==> flow/design.v <==
module alu_registers_rtl #(
  parameter D = 48,
  parameter WIDTH = 4,
  parameter ADDR_WIDTH = $clog2(D)
) (
  input wire CLK,
  input wire i_rst_n,
  input wire in_wr,
  input wire [ADDR_WIDTH-1:0] in_wsel,
  input wire [WIDTH-1:0] in_write_data,
  input wire [ADDR_WIDTH-1:0] in_raddr_a,
  input wire [ADDR_WIDTH-1:0] in_raddr_b,
  output wire [WIDTH-1:0] out_read_data_a,
  output wire [WIDTH-1:0] out_read_data_b
);
  reg wr_s;
  reg [ADDR_WIDTH-1:0] wsel_s;
  reg [WIDTH-1:0] write_data_s;
  always @(posedge CLK or negedge i_rst_n) begin
    if (!i_rst_n) begin
      wr_s <= 1'b0;
      wsel_s <= 0;
      write_data_s <= 0;
    end else begin
      wr_s <= in_wr;
      wsel_s <= in_wsel;
      write_data_s <= in_write_data;
    end
  end
  reg [WIDTH-1:0] ram [0:D-1];
  always @(posedge CLK) begin
    if (wr_s && wsel_s != 0)
      ram[wsel_s] <= write_data_s;
  end
  reg [ADDR_WIDTH-1:0] raddr_a_s;
  reg [ADDR_WIDTH-1:0] raddr_b_s;
  reg [WIDTH-1:0] read_data_a_s;
  always @(posedge CLK or negedge i_rst_n) begin
    if (!i_rst_n) begin
      raddr_a_s <= 0;
      raddr_b_s <= 0;
      read_data_a_s <= 0;
    end else begin
      raddr_a_s <= in_raddr_a;
      raddr_b_s <= in_raddr_b;
      read_data_a_s <= (raddr_a_s == 0) ? {WIDTH{1'b0}} : ram[raddr_a_s];
    end
  end
  assign out_read_data_a = read_data_a_s;
  reg [WIDTH-1:0] read_data_b_s;
  always @(posedge CLK or negedge i_rst_n) begin
    if (!i_rst_n) begin
      read_data_b_s <= 0;
    end else begin
      read_data_b_s <= (raddr_b_s == 0) ? {WIDTH{1'b0}} : ram[raddr_b_s];
    end
  end
  assign out_read_data_b = read_data_b_s;
endmodule
# Step by step through the tools: alu_registers_rtl
# The steps from the RTL of alu_registers_rtl to its reports follow in flow order.
# Line numbers count from 1 in the design file above.
# Operators carry their Yosys type and port widths (W data, S select, Z words).
# Cell names lack the library's common part.
inputs:
  design: "alu_registers_rtl"
  clk_port: "CLK"
  lib: "sky130hd"
  pvt_corner: "tt_025C_1v80"

# After elaboration
# Source: Yosys, flattened and elaborated, memories not mapped. Widths are those after wreduce; folded enables and synchronous resets count as part of the registers. Registers that Yosys merges into a memory's read port (data or address) are not register bits. Print and check cells do not count. Equal cells are merged and count once.
# Memory sizes are those after Yosys's memory passes, which may raise the word count (mostly to a power of two), join words into wider ones and drop unused or constant bits.
classes:
  muxes: 5
  n_reduce_logical: 4
op_table:
  columns: ["operator", "count"]
  rows:
  - ["$logic_not A6 Y1", 2]
  - ["$mux W4", 3]
  - ["$reduce_bool A6 Y1", 1]
  - ["$mux W6", 1]
  - ["$logic_and A1 B1 Y1", 1]
  - ["$mux W1", 1]
bits:
  reg_bits: 31
  ram_bits: 192
  memories: 1
  inputBits: 25
  word_cells: 17
memory_table:
  columns: ["name", "words", "word_bits", "rd", "wr", "line", "text"]
  rows:
  - ["ram", 48, 4, 2, 1, 30, "reg [WIDTH-1:0] ram [0:D-1];"]

# Depth
# Longest topological path by Yosys (ltp), each cell counted once; first at word level (registers and memories cut), then after technology mapping (sequential cells cut; the memories' decode and read muxes count).
logic_depth:
  ltp_word: 3
  ABC_AREA: 0
  depth_mapped: 8

# Synthesis result
# Source: synth_stat.txt of the flow (Yosys; design flattened, memories mapped). It holds for the ABC_AREA given above (unset counts as 0); a run with the other value may have another netlist.
# The area totals of this step are shown rounded.
types:
  columns: ["cell", "count", "type_area_um2"]
  rows:
  - ["edfxtp_1", 192, 5765.53]
  - ["mux4_2", 56, 1261.21]
  - ["dfrtp_1", 31, 775.744]
  - ["mux2i_1", 76, 760.73]
  - ["nor2_1", 57, 213.955]
  - ["mux4_1", 7, 183.926]
  - ["a22oi_1", 24, 180.173]
  - ["nand3_1", 24, 120.115]
  - ["nand2_1", 26, 97.594]
  - ["buf_2", 15, 75.072]
  - ["mux2_2", 5, 56.304]
  - ["nor2b_1", 9, 56.304]
  - ["nand4_1", 8, 50.048]
  - ["buf_4", 6, 45.043]
  - ["nand3b_1", 6, 45.043]
  - ["o211ai_1", 6, 45.043]
  - ["clkbuf_1", 11, 41.29]
  - ["a21oi_1", 8, 40.038]
# Not listed: further types 29, cells in them 49.
synth_totals:
  mapped_cells: 616
  yosys_area_um2: 10200
  sequential_area_um2: 6540
  ff_cells: 223
  n_buf: 37

# Path before layout
# Path of least setup slack by OpenSTA after synthesis, without wires, with an ideal clock, recovery checks aside; 20% of the period is set as input and as output delay. Where synthesis merged equal registers, the netlist keeps one of their names.
synth_timing:
  path_kind: "flip-flop to flip-flop"
  from: "reg raddr_a_s[0]"
  to: "reg read_data_a_s[0]"
  period_ns: 2.43
  setup_time_ns: 0.124
  t_arrival_ns: 1.819
  t_required_ns: 2.306
  setup_slack_ns: 0.487
  delay_ns: 1.943
  driving_pins: 6
  path_buffers: 1
  period_less_setup_slack_ns: 1.943
# "delay_ns" is the arrival time less input delay plus setup time.
# "driving_pins" counts driving pins, that of a launching flip-flop among them; a cell with two outputs on the path counts twice.
# "period_less_setup_slack_ns" = period - worst setup slack (recovery checks aside). The figure is calculated, with input and output delays left at 20% of the set period.
# Between the ends stands the longest chain of elaborated cells between them, by number of cells; it is not shown to be the way that was timed. Of several equally long chains one is given.
# A line is the first line of the expression or statement that the cell stems from. Yosys adds cells for indexed reads and writes and turns some case tables into memories.
# The chain passes a memory read, where the word-level depth is cut; so it can be longer than that depth.
synth_via:
  path_cell_list: "dfrtp_1 buf_6 mux4_1 mux4_2 a22oi_1 a21oi_1"
  elab_chain_cells: 2
  cells_between: 3
synth_lines:
  columns: ["item", "line", "text"]
  rows:
  - ["from (decl)", 35, "reg [ADDR_WIDTH-1:0] raddr_a_s;"]
  - ["from (assign)", 40, "raddr_a_s <= 0;"]
  - ["from (assign)", 44, "raddr_a_s <= in_raddr_a;"]
  - ["$mem_v2 Z48 W4", 30, "reg [WIDTH-1:0] ram [0:D-1];"]
  - ["$mux W4", 46, "read_data_a_s <= (raddr_a_s == 0) ? {WIDTH{1'b0}} : ram[raddr_a_s];"]
  - ["to (assign)", 42, "read_data_a_s <= 0;"]
  - ["to (assign)", 46, null]
  - ["to (decl)", 37, "reg [WIDTH-1:0] read_data_a_s;"]

# Path in the finished layout
# From the final timing report of job 1: the path of least setup slack in the routed layout; clock arrival at registers is part of the times.
layout_timing:
  path_kind: "flip-flop to flip-flop"
  from: "reg raddr_b_s[0]"
  to: "reg read_data_b_s[2]"
  period_ns: 3.74
  setup_time_ns: 0.05
  t_arrival_ns: 3.23
  t_required_ns: 4.28
  setup_slack_ns: 1.05
  driving_pins: 8
  path_buffers: 2
# Between the ends stands the longest chain of elaborated cells between them, by number of cells; it is not shown to be the way that was timed. Of several equally long chains one is given.
# The chain passes a memory read, where the word-level depth is cut; so it can be longer than that depth.
layout_via:
  path_cell_list: "dfrtp_1 buf_4 nor2b_1 buf_4 a22oi_1 nand3_1 nand4_1 o21a_1"
  elab_chain_cells: 2
  cells_between: 3
layout_lines:
  columns: ["item", "line", "text"]
  rows:
  - ["from (decl)", 36, "reg [ADDR_WIDTH-1:0] raddr_b_s;"]
  - ["from (assign)", 41, "raddr_b_s <= 0;"]
  - ["from (assign)", 45, "raddr_b_s <= in_raddr_b;"]
  - ["$mem_v2 Z48 W4", 30, "reg [WIDTH-1:0] ram [0:D-1];"]
  - ["$mux W4", 55, "read_data_b_s <= (raddr_b_s == 0) ? {WIDTH{1'b0}} : ram[raddr_b_s];"]
  - ["to (assign)", 53, "read_data_b_s <= 0;"]
  - ["to (assign)", 55, null]
  - ["to (decl)", 50, "reg [WIDTH-1:0] read_data_b_s;"]

Ticket comment

Flow measurements of alu_registers_rtl on sky130hd: 2 stored runs with different settings, listed in no order. Input and output delays are each 20% of the period that was set; the output load is 0.01 pF.
"achieved_period_ns" = clock period - worst setup slack. The figure is calculated, with input and output delays left at 20% of the set period.
"worst_path_allowed_less_slack_ns" means the part of the period allowed to the worst setup path (the constraints hold back 20% at inputs and 20% at outputs) less its slack; where the path has registers, the arrival times of their clocks count too.
"final_power_w": no workload was simulated; the value follows from the tool's default switching activity.
Measured values are rounded.

--- job 1 ---
==> flow/run.sh <==
#!/bin/bash
# the make line also repeats the synthesis and layout settings of config.mk as NAME=value (left out here)
make -C /OpenROAD-flow-scripts/flow DESIGN_CONFIG=/design/flow/config.mk WORK_HOME=/design/flow/orfs CLKGATE_MAP_FILE= finish
==> flow/config.mk <==
export PLATFORM = sky130hd
export DESIGN_NAME = alu_registers_rtl
export DESIGN_NICKNAME = alu_registers_rtl
export VERILOG_FILES = /design/flow/design.v
export SDC_FILE = /design/flow/constraint.sdc
export NUM_CORES = 4
export LEC_CHECK = 0
export CAP_MARGIN = 20
export CELL_PAD_IN_SITES_DETAIL_PLACEMENT = 2
export CELL_PAD_IN_SITES_GLOBAL_PLACEMENT = 1
export CORE_ASPECT_RATIO = 0.88
export CORE_MARGIN = 2
export CORE_UTILIZATION = 20
export CTS_CLUSTER_DIAMETER = 297
export CTS_CLUSTER_SIZE = 93
export GPL_ROUTABILITY_DRIVEN = 0
export HOLD_SLACK_MARGIN = 0.06
export PLACE_DENSITY_LB_ADDON = 0.1
export SETUP_SLACK_MARGIN = 0.29
export SLEW_MARGIN = 20
==> flow/constraint.sdc <==
create_clock -name core_clock -period 3.74 [get_ports {CLK}]
set_input_delay 0.7480 -clock core_clock [delete_from_list [all_inputs] [get_ports {CLK}]]
set_output_delay 0.7480 -clock core_clock [all_outputs]
set_load 0.01 [all_outputs]

==> results, as YAML <==
results:
  worst_path_allowed_less_slack_ns: 2.69
  timing.worst_path_kind: "flip-flop to flip-flop"
  fin_tns_ns: 0.000
  achieved_period_ns: 2.687
  setup_ws_ns: 1.05
  die_area_um2: 52700
  finish.stdcell_area_um2: 11500
  final_util_pct: 22.9
  final_power_w: 0.00438
  synthArea_um2: 10200

--- job 2 ---
==> flow/run.sh <==
#!/bin/bash
# the make line also repeats the synthesis and layout settings of config.mk as NAME=value (left out here)
make -C /OpenROAD-flow-scripts/flow DESIGN_CONFIG=/design/flow/config.mk WORK_HOME=/design/flow/orfs CLKGATE_MAP_FILE= finish
==> flow/config.mk <==
export PLATFORM = sky130hd
export DESIGN_NAME = alu_registers_rtl
export DESIGN_NICKNAME = alu_registers_rtl
export VERILOG_FILES = /design/flow/design.v
export SDC_FILE = /design/flow/constraint.sdc
export NUM_CORES = 4
export LEC_CHECK = 0
export CAP_MARGIN = 20
export CORE_MARGIN = 2
export CORE_UTILIZATION = 40
export SLEW_MARGIN = 20
==> flow/constraint.sdc <==
create_clock -name core_clock -period 2.43 [get_ports {CLK}]
set_input_delay 0.4860 -clock core_clock [delete_from_list [all_inputs] [get_ports {CLK}]]
set_output_delay 0.4860 -clock core_clock [all_outputs]
set_load 0.01 [all_outputs]

==> results, as YAML <==
results:
  worst_path_allowed_less_slack_ns: 2.25
  timing.worst_path_kind: "flip-flop to flip-flop"
  fin_tns_ns: 0.000
  achieved_period_ns: 2.249
  setup_ws_ns: 0.181
  die_area_um2: 26700
  finish.stdcell_area_um2: 11800
  final_util_pct: 47.1
  final_power_w: 0.00871
  synthArea_um2: 10200
